==> flow/design.v <==
module dp_ram_block_rtl (ck, write, wsel, wr_data, ra, rd);
  parameter NREGS = 10;
  parameter W = 2;
  localparam ADDR_WIDTH = $clog2(NREGS);
  input ck;
  input write;
  input [ADDR_WIDTH-1:0] wsel;
  input [W-1:0] wr_data;
  input [ADDR_WIDTH-1:0] ra;
  output [W-1:0] rd;
  reg [W-1:0] array [0:NREGS-1];
  always @(posedge ck) begin
    if (write)
      array[wsel] <= wr_data;
  end
  assign rd = array[ra];
endmodule
Tool chain data of dp_ram_block_rtl
Tool output for the design above, in the order of the flow.
Lines are those of the file above, counted from 1.
Library cell names are shortened.
A cell with n/a has no value.
- top module: dp_ram_block_rtl
- clock: ck
- cell library: sky130hd
- corner: tt_025C_1v80

Word level
Yosys after proc, flatten, opt, wreduce and memory -nomap, before mapping. Enables and synchronous resets that opt folds into registers are not counted as muxes. Memory bits, and registers merged into a memory's read port (data or address), are not among the register bits. Print and check cells are not counted. Equal cells are merged and count once.
Yosys's memory passes give these memory sizes; they may raise the number of words (mostly to a power of two), join words into wider ones and drop unused or constant bits.
- muxes and demuxes at 3
- operator list (kind ; number):
    2-to-1 mux 4 bit ; 1
    2-to-1 mux 2 bit ; 1
    2-to-1 mux 1 bit ; 1
- noted output and inout port bits: 2
- noted input bits: 12
- RAM bits at 20
- flip-flop bits (word level): 0
- noted memories kept: 1
- memories (memory ; words ; width ; rd ports ; wr ports ; line ; text):
    array ; 10 ; 2 ; 1 ; 1 ; 11 ; reg [W-1:0] array [0:NREGS-1];

Depth
Yosys ltp: most cells in a row. Word level: on the elaborated netlist, between registers, memories and ports. Mapped: between sequential cells and ports; inverters and the memories' decode and read muxes count.
- depth after elaboration: 1
- ABC_AREA: 0
- depth in mapped cells: 4
- noted depth with buffers taken out: 3

Synthesis result
The flow's flattened synthesis, as Yosys stat reports it; memories are mapped. The netlist is that of the ABC_AREA named above (0 if unset); the other value can give another one.
Totals and module areas in this step are rounded.
- cell types (type ; number ; total area (um2)):
    edfxtp_1 ; 20 ; 600.576
    mux2i_1 ; 8 ; 80.077
    mux4_2 ; 2 ; 45.043
    nor2_1 ; 7 ; 26.275
    mux2_2 ; 2 ; 22.522
    nand3b_1 ; 2 ; 15.014
    nor3_1 ; 3 ; 15.014
    nand2b_1 ; 2 ; 12.512
    buf_6 ; 1 ; 11.261
    nand2_1 ; 3 ; 11.261
    o21ai_1 ; 2 ; 10.01
    or3b_2 ; 1 ; 8.758
- chip area (Yosys) at 858.3 um2
- flip-flops at 20
- cell count: 53
- sequential part of the area at 600.6 um2
- buffer cells at 1

Path before layout
Source: OpenSTA report_checks on the synthesized netlist (no wires, ideal clock, input and output delay 20% of the period each), path of least setup slack; recovery checks are left aside. Register names are those of the netlist, which keeps one name where synthesis merged equal registers.
- kind: input-to-output
- start: input port ra[0]
- end: output port rd[0]
- noted input delay: 374 ps
- noted buffers on the path: 1
- slack at 223 ps
- data required time: 1496 ps
- stages: 4
- delay of the path at 899 ps
- noted clock period: 1870 ps
- arrival: 1273 ps
- output delay at 374 ps
- noted synthesis period reached: 1647 ps
"delay of the path" = arrival - input delay + setup time.
A path that ends at an output port has no setup time.
"stages": output pins that drive a net of the path, with the launching flip-flop's if there is one; two outputs of one cell count as two.
"synthesis period reached" = period - worst setup slack (recovery checks aside). The figure is calculated, with input and output delays left at 20% of the set period.
Between the ends stands the longest chain of elaborated cells between them, by number of cells; it is not shown to be the way that was timed. Of several equally long chains one is given.
Each line given opens the expression or statement behind the cell; cells for indexed reads and writes are added by Yosys, which also makes memories of some case tables.
The chain passes a memory read, where the word-level depth is cut; so it can be longer than that depth.
- cell sequence: buf_6 -> mux2i_1 -> mux4_2 -> o21ai_1
- noted length of the longest elaborated chain: 1
- ends and longest elaborated chain, post-synthesis (what ; line ; text):
    from (decl) ; 9 ; input [ADDR_WIDTH-1:0] ra;
    memory read (10 x 2 bit) ; 11 ; reg [W-1:0] array [0:NREGS-1];
    to (decl) ; 10 ; output [W-1:0] rd;

Timing after layout
Path of least setup slack in the final report of job 1 (OpenROAD, finished layout, wires in). Where an end is a register, its clock arrival counts in the times.
The report prints the path's times to 10 ps; the period is as set.
- kind: input-to-output
- start: input port ra[0]
- end: output port rd[1]
- noted clock period: 1060 ps
- stages: 6
- arrival: 1430 ps
- noted input delay: 210 ps
- data required time: 850 ps
- noted buffers on the path: 3
- slack at -580 ps
- output delay at 210 ps
Between the ends stands the longest chain of elaborated cells between them, by number of cells; it is not shown to be the way that was timed. Of several equally long chains one is given.
The chain passes a memory read, where the word-level depth is cut; so it can be longer than that depth.
- cell sequence: buf_2 -> bufbuf_16 -> mux2i_1 -> mux4_2 -> o21ai_2 -> buf_2
- noted length of the longest elaborated chain: 1
- ends and longest elaborated chain, after layout (what ; line ; text):
    from (decl) ; 9 ; input [ADDR_WIDTH-1:0] ra;
    memory read (10 x 2 bit) ; 11 ; reg [W-1:0] array [0:NREGS-1];
    to (decl) ; 10 ; output [W-1:0] rd;

FLOW RESULTS
============

Measured results for dp_ram_block_rtl: 3 stored runs of the Yosys and OpenROAD flow on sky130hd. The settings differ; the order carries no meaning. The constraints put input and output delay at 20% of the set period each and load the outputs with 0.01 pF.
"achieved period" = clock period - worst setup slack. The figure is calculated, with input and output delays left at 20% of the set period.
By "time used up by the worst setup path" is meant the share of the clock period that the worst setup path is allowed (20% is reserved at inputs, 20% at outputs), minus its slack. Clock arrival times at its registers enter into it.
"power consumption" is the tool's figure for a default switching activity; nothing was simulated.
"time used up by the worst setup path" is given in steps of 10 ps.
Results are given in rounded form.

Job 1

==> flow/run.sh <==
#!/bin/bash
# the make line also repeats the synthesis and layout settings of config.mk as NAME=value (left out here)
make -C /OpenROAD-flow-scripts/flow DESIGN_CONFIG=/design/flow/config.mk WORK_HOME=/design/flow/orfs CLKGATE_MAP_FILE= finish
==> flow/config.mk <==
export PLATFORM = sky130hd
export DESIGN_NAME = dp_ram_block_rtl
export DESIGN_NICKNAME = dp_ram_block_rtl
export VERILOG_FILES = /design/flow/design.v
export SDC_FILE = /design/flow/constraint.sdc
export NUM_CORES = 4
export LEC_CHECK = 0
export CAP_MARGIN = 35
export CORE_MARGIN = 2
export CORE_UTILIZATION = 48
export CTS_CLUSTER_DIAMETER = 320
export GPL_ROUTABILITY_DRIVEN = 0
export GPL_TIMING_DRIVEN = 1
export HOLD_SLACK_MARGIN = 0.11
export MIN_ROUTING_LAYER = met1
export PLACE_DENSITY = 0.7
export SETUP_SLACK_MARGIN = 0.07
export SLEW_MARGIN = 20
export TNS_END_PERCENT = 45
==> flow/constraint.sdc <==
create_clock -name core_clock -period 1.06 [get_ports {ck}]
set_input_delay 0.2120 -clock core_clock [delete_from_list [all_inputs] [get_ports {ck}]]
set_output_delay 0.2120 -clock core_clock [all_outputs]
set_load 0.01 [all_outputs]

Measured in job 1:
- utilization: 67.8%
- worst slack on setup checks: -580 ps
- noted the achieved period: 1640 ps
- noted the post-route setup TNS: -1148 ps
- noted the power consumption: 1405 µW
- smallest hold slack: 368 ps
- post-synthesis cell area at 858.3 um2
- standard-cell area after layout at 1157 um2
- full die area at 2142 um2
- noted the time used up by the worst setup path: 1220 ps
- type of the worst setup path: input-to-output

Job 2

==> flow/run.sh <==
#!/bin/bash
# the make line also repeats the synthesis and layout settings of config.mk as NAME=value (left out here)
make -C /OpenROAD-flow-scripts/flow DESIGN_CONFIG=/design/flow/config.mk WORK_HOME=/design/flow/orfs CLKGATE_MAP_FILE= finish
==> flow/config.mk <==
export PLATFORM = sky130hd
export DESIGN_NAME = dp_ram_block_rtl
export DESIGN_NICKNAME = dp_ram_block_rtl
export VERILOG_FILES = /design/flow/design.v
export SDC_FILE = /design/flow/constraint.sdc
export NUM_CORES = 4
export LEC_CHECK = 0
export CAP_MARGIN = 20
export CORE_ASPECT_RATIO = 1.47
export CORE_MARGIN = 2
export CORE_UTILIZATION = 54
export GPL_TIMING_DRIVEN = 0
export MIN_ROUTING_LAYER = met2
export PLACE_DENSITY = 0.53
export SETUP_SLACK_MARGIN = 0.05
export SLEW_MARGIN = 20
==> flow/constraint.sdc <==
create_clock -name core_clock -period 1.2 [get_ports {ck}]
set_input_delay 0.2400 -clock core_clock [delete_from_list [all_inputs] [get_ports {ck}]]
set_output_delay 0.2400 -clock core_clock [all_outputs]
set_load 0.01 [all_outputs]

Measured in job 2:
- utilization: 70.5%
- worst slack on setup checks: -499 ps
- noted the achieved period: 1699 ps
- noted the post-route setup TNS: -978 ps
- noted the power consumption: 1208 µW
- smallest hold slack: 535 ps
- post-synthesis cell area at 858.3 um2
- standard-cell area after layout at 1050 um2
- full die area at 1930 um2
- noted the time used up by the worst setup path: 1460 ps
- type of the worst setup path: reg-to-output

Job 3

==> flow/run.sh <==
#!/bin/bash
# the make line also repeats the synthesis and layout settings of config.mk as NAME=value (left out here)
make -C /OpenROAD-flow-scripts/flow DESIGN_CONFIG=/design/flow/config.mk WORK_HOME=/design/flow/orfs CLKGATE_MAP_FILE= finish
==> flow/config.mk <==
export PLATFORM = sky130hd
export DESIGN_NAME = dp_ram_block_rtl
export DESIGN_NICKNAME = dp_ram_block_rtl
export VERILOG_FILES = /design/flow/design.v
export SDC_FILE = /design/flow/constraint.sdc
export NUM_CORES = 4
export LEC_CHECK = 0
export CAP_MARGIN = 20
export CORE_MARGIN = 2
export CORE_UTILIZATION = 40
export SLEW_MARGIN = 20
==> flow/constraint.sdc <==
create_clock -name core_clock -period 1.87 [get_ports {ck}]
set_input_delay 0.3740 -clock core_clock [delete_from_list [all_inputs] [get_ports {ck}]]
set_output_delay 0.3740 -clock core_clock [all_outputs]
set_load 0.01 [all_outputs]

Measured in job 3:
- utilization: 55.4%
- worst slack on setup checks: 21 ps
- noted the achieved period: 1849 ps
- noted the post-route setup TNS: 0 ps
- noted the power consumption: 795.4 µW
- smallest hold slack: 868 ps
- post-synthesis cell area at 858.3 um2
- standard-cell area after layout at 1109 um2
- full die area at 2532 um2
- noted the time used up by the worst setup path: 1100 ps
- type of the worst setup path: input-to-output
